==> flow/design.v <==
module core_data_mux_top #(
    parameter DATA_WIDTH = 20
) (
    input  wire sys_clk,
    input  wire RSTN,
    input  wire [DATA_WIDTH-1:0] i_data_0,
    input  wire [DATA_WIDTH-1:0] i_data_1,
    input  wire [DATA_WIDTH-1:0] i_data_2,
    input  wire [DATA_WIDTH-1:0] i_data_3,
    input  wire [DATA_WIDTH-1:0] i_data_4,
    input  wire [DATA_WIDTH-1:0] i_data_5,
    input  wire [DATA_WIDTH-1:0] i_data_6,
    input  wire [DATA_WIDTH-1:0] i_data_7,
    input  wire [2:0] i_select,
    output wire [DATA_WIDTH-1:0] o_out
);
    reg [DATA_WIDTH-1:0] tmp;
    always @* begin
        if (i_select == 0) tmp = i_data_0;
        else if (i_select == 1) tmp = i_data_1;
        else if (i_select == 2) tmp = i_data_2;
        else if (i_select == 3) tmp = i_data_3;
        else if (i_select == 4) tmp = i_data_4;
        else if (i_select == 5) tmp = i_data_5;
        else if (i_select == 6) tmp = i_data_6;
        else tmp = i_data_7;
    end
    reg [DATA_WIDTH-1:0] out_reg;
    always @(posedge sys_clk) begin
        if (!RSTN) begin
            out_reg <= 0;
        end else begin
            out_reg <= tmp;
        end
    end
    assign o_out = out_reg;
endmodule
======== Step by step through the tools: core_data_mux_top ========
Tool output for the design above, in the order of the flow.
Lines are those of the file above, counted from 1.
Operators: Yosys type, input widths -> output width; for muxes data width and select width s.
Cell names lack the library's common part.
The mark n/a stands for no value.
design
  top module .............................. core_data_mux_top
  clock input ............................. sys_clk
  cell library ............................ sky130hd
  library corner .......................... tt_025C_1v80

======== Word level ========
Yosys after proc, flatten, opt, wreduce and memory -nomap, before mapping. Enables and synchronous resets that opt folds into registers are not counted as muxes. Memory bits, and registers merged into a memory's read port (data or address), are not among the register bits. Print and check cells are not counted. Equal cells are merged and count once.
storage and ports
  register bits after elaboration ......... 20
  input port bits ......................... 165
  output and inout port bits .............. 20
cells by class
  equality and inequality tests ........... 6
  mux-type cells .......................... 7
  reductions and logical operators ........ 1
operator list
  kind                count
  $mux 20             7
  $eq 3x3->1 const B  3
  $eq 3x2->1 const B  2
  $eq 3x1->1 const B  1
  $logic_not 3->1     1

======== Logic depth ========
Yosys ltp: most cells in a row. Word level: on the elaborated netlist, between registers, memories and ports. Mapped: between sequential cells and ports; inverters and the memories' decode and read muxes count.
depth
  word-level depth ........................ 8
  ABC_AREA ................................ 0
  gate-level depth with buffers ........... 8
  gate-level depth less buffers ........... 4

======== Mapped cells and area ========
The flow's flattened synthesis, as Yosys stat reports it; memories are mapped. The netlist is that of the ABC_AREA named above (0 if unset); the other value can give another one.
Totals and module areas in this step are rounded.
cells by type
  cell type  count  area in all (sq um)
  dfxtp_1    20     400.384
  mux2i_1    28     280.269
  nand2_1    48     180.173
  a211oi_1   18     135.13
  o21ai_0    22     110.106
  o2bb2ai_1  11     96.342
  o32ai_1    11     96.342
  nand3b_1   12     90.086
  nor2_1     21     78.826
  buf_2      14     70.067
  mux4_2     3      67.565
  nand3_1    13     65.062
  mux2_2     5      56.304
  o221a_2    5      56.304
  inv_1      12     45.043
  a22oi_1    5      37.536
  clkbuf_1   9      33.782
  o22ai_1    5      31.28
Not listed: further types 17, cells in them 28.
mapped netlist
  standard cells after synthesis .......... 290
  synthesis area .......................... 0.0022 sq mm
  sequential area ......................... 0.0004 sq mm
  mapped flip-flops ....................... 20

======== Timing after synthesis ========
Source: OpenSTA report_checks on the synthesized netlist (no wires, ideal clock, input and output delay 20% of the period each), path of least setup slack; recovery checks are left aside. Register names are those of the netlist, which keeps one name where synthesis merged equal registers.
path post-synthesis
  path type ............................... input -> register
  start ................................... in i_select[0]
  end ..................................... reg out_reg[2]
  period .................................. 1630 ps
  arrival ................................. 1250 ps
  required time ........................... 1511 ps
  path slack .............................. 261 ps
  delay of the path ....................... 1043 ps
  stages on the path ...................... 5
  period reached after synthesis .......... 1369 ps
"delay of the path" is the arrival time less input delay plus setup time.
"stages on the path" counts driving pins, that of a launching flip-flop among them; a cell with two outputs on the path counts twice.
"period reached after synthesis" is the clock period less the worst setup slack; recovery checks do not enter. This is arithmetic on one report: input and output delays are still those of the set period (20% each).
The rows between start and end are the longest chain of elaborated cells between them; the timing report does not say that the signal goes this way. Where chains are equally long, one stands for them.
A line is the first line of the expression or statement that the cell stems from. Yosys adds cells for indexed reads and writes and turns some case tables into memories.
on the way, post-synthesis
  path through ............................ buf_6 -> mux2_2 -> a22oi_1 -> o22ai_1 -> o221a_2
  cells in the longest elaborated chain ... 8
ends and longest elaborated chain, post-synthesis
  item             line  RTL
  start, declared  14    input  wire [2:0] i_select,
  $eq 3x3->1       25    else if (i_select == 6) tmp = i_data_6;
  $mux 20          25
  $mux 20          24    else if (i_select == 5) tmp = i_data_5;
  $mux 20          23    else if (i_select == 4) tmp = i_data_4;
  $mux 20          22    else if (i_select == 3) tmp = i_data_3;
  $mux 20          21    else if (i_select == 2) tmp = i_data_2;
  $mux 20          20    else if (i_select == 1) tmp = i_data_1;
  $mux 20          19    if (i_select == 0) tmp = i_data_0;
  end, assigned    31    out_reg <= 0;
  end, assigned    33    out_reg <= tmp;
  end, declared    28    reg [DATA_WIDTH-1:0] out_reg;

======== Timing after layout ========
From the final timing report of record 3: the path of least setup slack in the routed layout; clock arrival at registers is part of the times.
The path's times are printed in steps of 10 ps; the period is the one set.
path after layout
  path type ............................... input -> register
  start ................................... in i_select[1]
  end ..................................... reg out_reg[14]
  period .................................. 1630 ps
  arrival ................................. 1680 ps
  required time ........................... 1770 ps
  path slack .............................. 90 ps
  stages on the path ...................... 6
The rows between start and end are the longest chain of elaborated cells between them; the timing report does not say that the signal goes this way. Where chains are equally long, one stands for them.
on the way, after layout
  path through ............................ clkdlybuf4s15_1 -> nand2b_2 -> buf_4 -> o32ai_1 -> a211oi_1 -> o21ai_0
  cells in the longest elaborated chain ... 8
ends and longest elaborated chain, after layout
  item             line  RTL
  start, declared  14    input  wire [2:0] i_select,
  $eq 3x3->1       25    else if (i_select == 6) tmp = i_data_6;
  $mux 20          25
  $mux 20          24    else if (i_select == 5) tmp = i_data_5;
  $mux 20          23    else if (i_select == 4) tmp = i_data_4;
  $mux 20          22    else if (i_select == 3) tmp = i_data_3;
  $mux 20          21    else if (i_select == 2) tmp = i_data_2;
  $mux 20          20    else if (i_select == 1) tmp = i_data_1;
  $mux 20          19    if (i_select == 0) tmp = i_data_0;
  end, assigned    31    out_reg <= 0;
  end, assigned    33    out_reg <= tmp;
  end, declared    28    reg [DATA_WIDTH-1:0] out_reg;

Below are 3 stored runs of the flow (Yosys, OpenROAD; platform sky130hd) on core_data_mux_top, each with its settings and what was measured, unordered. Constraints: input delay and output delay 20% of the set period each, output load 0.01 pF.
"clock period reached": clock period set for the run, less the worst setup slack. It is reckoned from that one timing run; input and output delays stay at 20% of the period that was set.
"worst path time" = time allowed to the worst setup path (clock period - input delay - output delay, where it has them) - its slack; a late launch clock adds to it, a late capture clock takes from it.
"worst path time" is given in steps of 10 ps.
The measured numbers are rounded.

======== record 1 ========
==> flow/run.sh <==
#!/bin/bash
# the make line also repeats the synthesis and layout settings of config.mk as NAME=value (left out here)
make -C /OpenROAD-flow-scripts/flow DESIGN_CONFIG=/design/flow/config.mk WORK_HOME=/design/flow/orfs CLKGATE_MAP_FILE= finish
==> flow/config.mk <==
export PLATFORM = sky130hd
export DESIGN_NAME = core_data_mux_top
export DESIGN_NICKNAME = core_data_mux_top
export VERILOG_FILES = /design/flow/design.v
export SDC_FILE = /design/flow/constraint.sdc
export NUM_CORES = 4
export LEC_CHECK = 0
export CAP_MARGIN = 15
export CELL_PAD_IN_SITES_DETAIL_PLACEMENT = 0
export CELL_PAD_IN_SITES_GLOBAL_PLACEMENT = 3
export CORE_ASPECT_RATIO = 1.57
export CORE_MARGIN = 2
export CORE_UTILIZATION = 62
export CTS_CLUSTER_SIZE = 33
export MAX_ROUTING_LAYER = met5
export MIN_ROUTING_LAYER = met1
export PLACE_DENSITY_LB_ADDON = 0.08
export SETUP_SLACK_MARGIN = -0.03
export SLEW_MARGIN = 20
==> flow/constraint.sdc <==
create_clock -name core_clock -period 1.61 [get_ports {sys_clk}]
set_input_delay 0.3220 -clock core_clock [delete_from_list [all_inputs] [get_ports {sys_clk}]]
set_output_delay 0.3220 -clock core_clock [all_outputs]
set_load 0.01 [all_outputs]

-------- record 1 --------
  did not finish, placement stopped with FLW-0024

======== record 2 ========
==> flow/run.sh <==
#!/bin/bash
# the make line also repeats the synthesis and layout settings of config.mk as NAME=value (left out here)
make -C /OpenROAD-flow-scripts/flow DESIGN_CONFIG=/design/flow/config.mk WORK_HOME=/design/flow/orfs CLKGATE_MAP_FILE= finish
==> flow/config.mk <==
export PLATFORM = sky130hd
export DESIGN_NAME = core_data_mux_top
export DESIGN_NICKNAME = core_data_mux_top
export VERILOG_FILES = /design/flow/design.v
export SDC_FILE = /design/flow/constraint.sdc
export NUM_CORES = 4
export LEC_CHECK = 0
export CAP_MARGIN = 0
export CORE_ASPECT_RATIO = 0.72
export CORE_MARGIN = 2
export CORE_UTILIZATION = 38
export GPL_ROUTABILITY_DRIVEN = 1
export MAX_ROUTING_LAYER = met5
export MIN_ROUTING_LAYER = met1
export PLACE_DENSITY_LB_ADDON = 0.26
export SETUP_SLACK_MARGIN = 0.32
export SLEW_MARGIN = 30
==> flow/constraint.sdc <==
create_clock -name core_clock -period 1.11 [get_ports {sys_clk}]
set_input_delay 0.2220 -clock core_clock [delete_from_list [all_inputs] [get_ports {sys_clk}]]
set_output_delay 0.2220 -clock core_clock [all_outputs]
set_load 0.01 [all_outputs]

-------- record 2 --------
  did not finish, routing stopped with GRT-0232

======== record 3 ========
==> flow/run.sh <==
#!/bin/bash
# the make line also repeats the synthesis and layout settings of config.mk as NAME=value (left out here)
make -C /OpenROAD-flow-scripts/flow DESIGN_CONFIG=/design/flow/config.mk WORK_HOME=/design/flow/orfs CLKGATE_MAP_FILE= finish
==> flow/config.mk <==
export PLATFORM = sky130hd
export DESIGN_NAME = core_data_mux_top
export DESIGN_NICKNAME = core_data_mux_top
export VERILOG_FILES = /design/flow/design.v
export SDC_FILE = /design/flow/constraint.sdc
export NUM_CORES = 4
export LEC_CHECK = 0
export CAP_MARGIN = 20
export CORE_MARGIN = 2
export CORE_UTILIZATION = 40
export SLEW_MARGIN = 20
==> flow/constraint.sdc <==
create_clock -name core_clock -period 1.63 [get_ports {sys_clk}]
set_input_delay 0.3260 -clock core_clock [delete_from_list [all_inputs] [get_ports {sys_clk}]]
set_output_delay 0.3260 -clock core_clock [all_outputs]
set_load 0.01 [all_outputs]

-------- measured, record 3 --------
  mapped cell area after synthesis ........ 0.0022 sq mm
  clock period reached .................... 1539 ps
  worst setup slack after layout .......... 91 ps
  standard-cell area after layout ......... 0.0042 sq mm
  overall die area ........................ 0.006 sq mm
  final design utilization ................ 82 %
  worst path time ......................... 1210 ps
  critical path kind ...................... input -> register
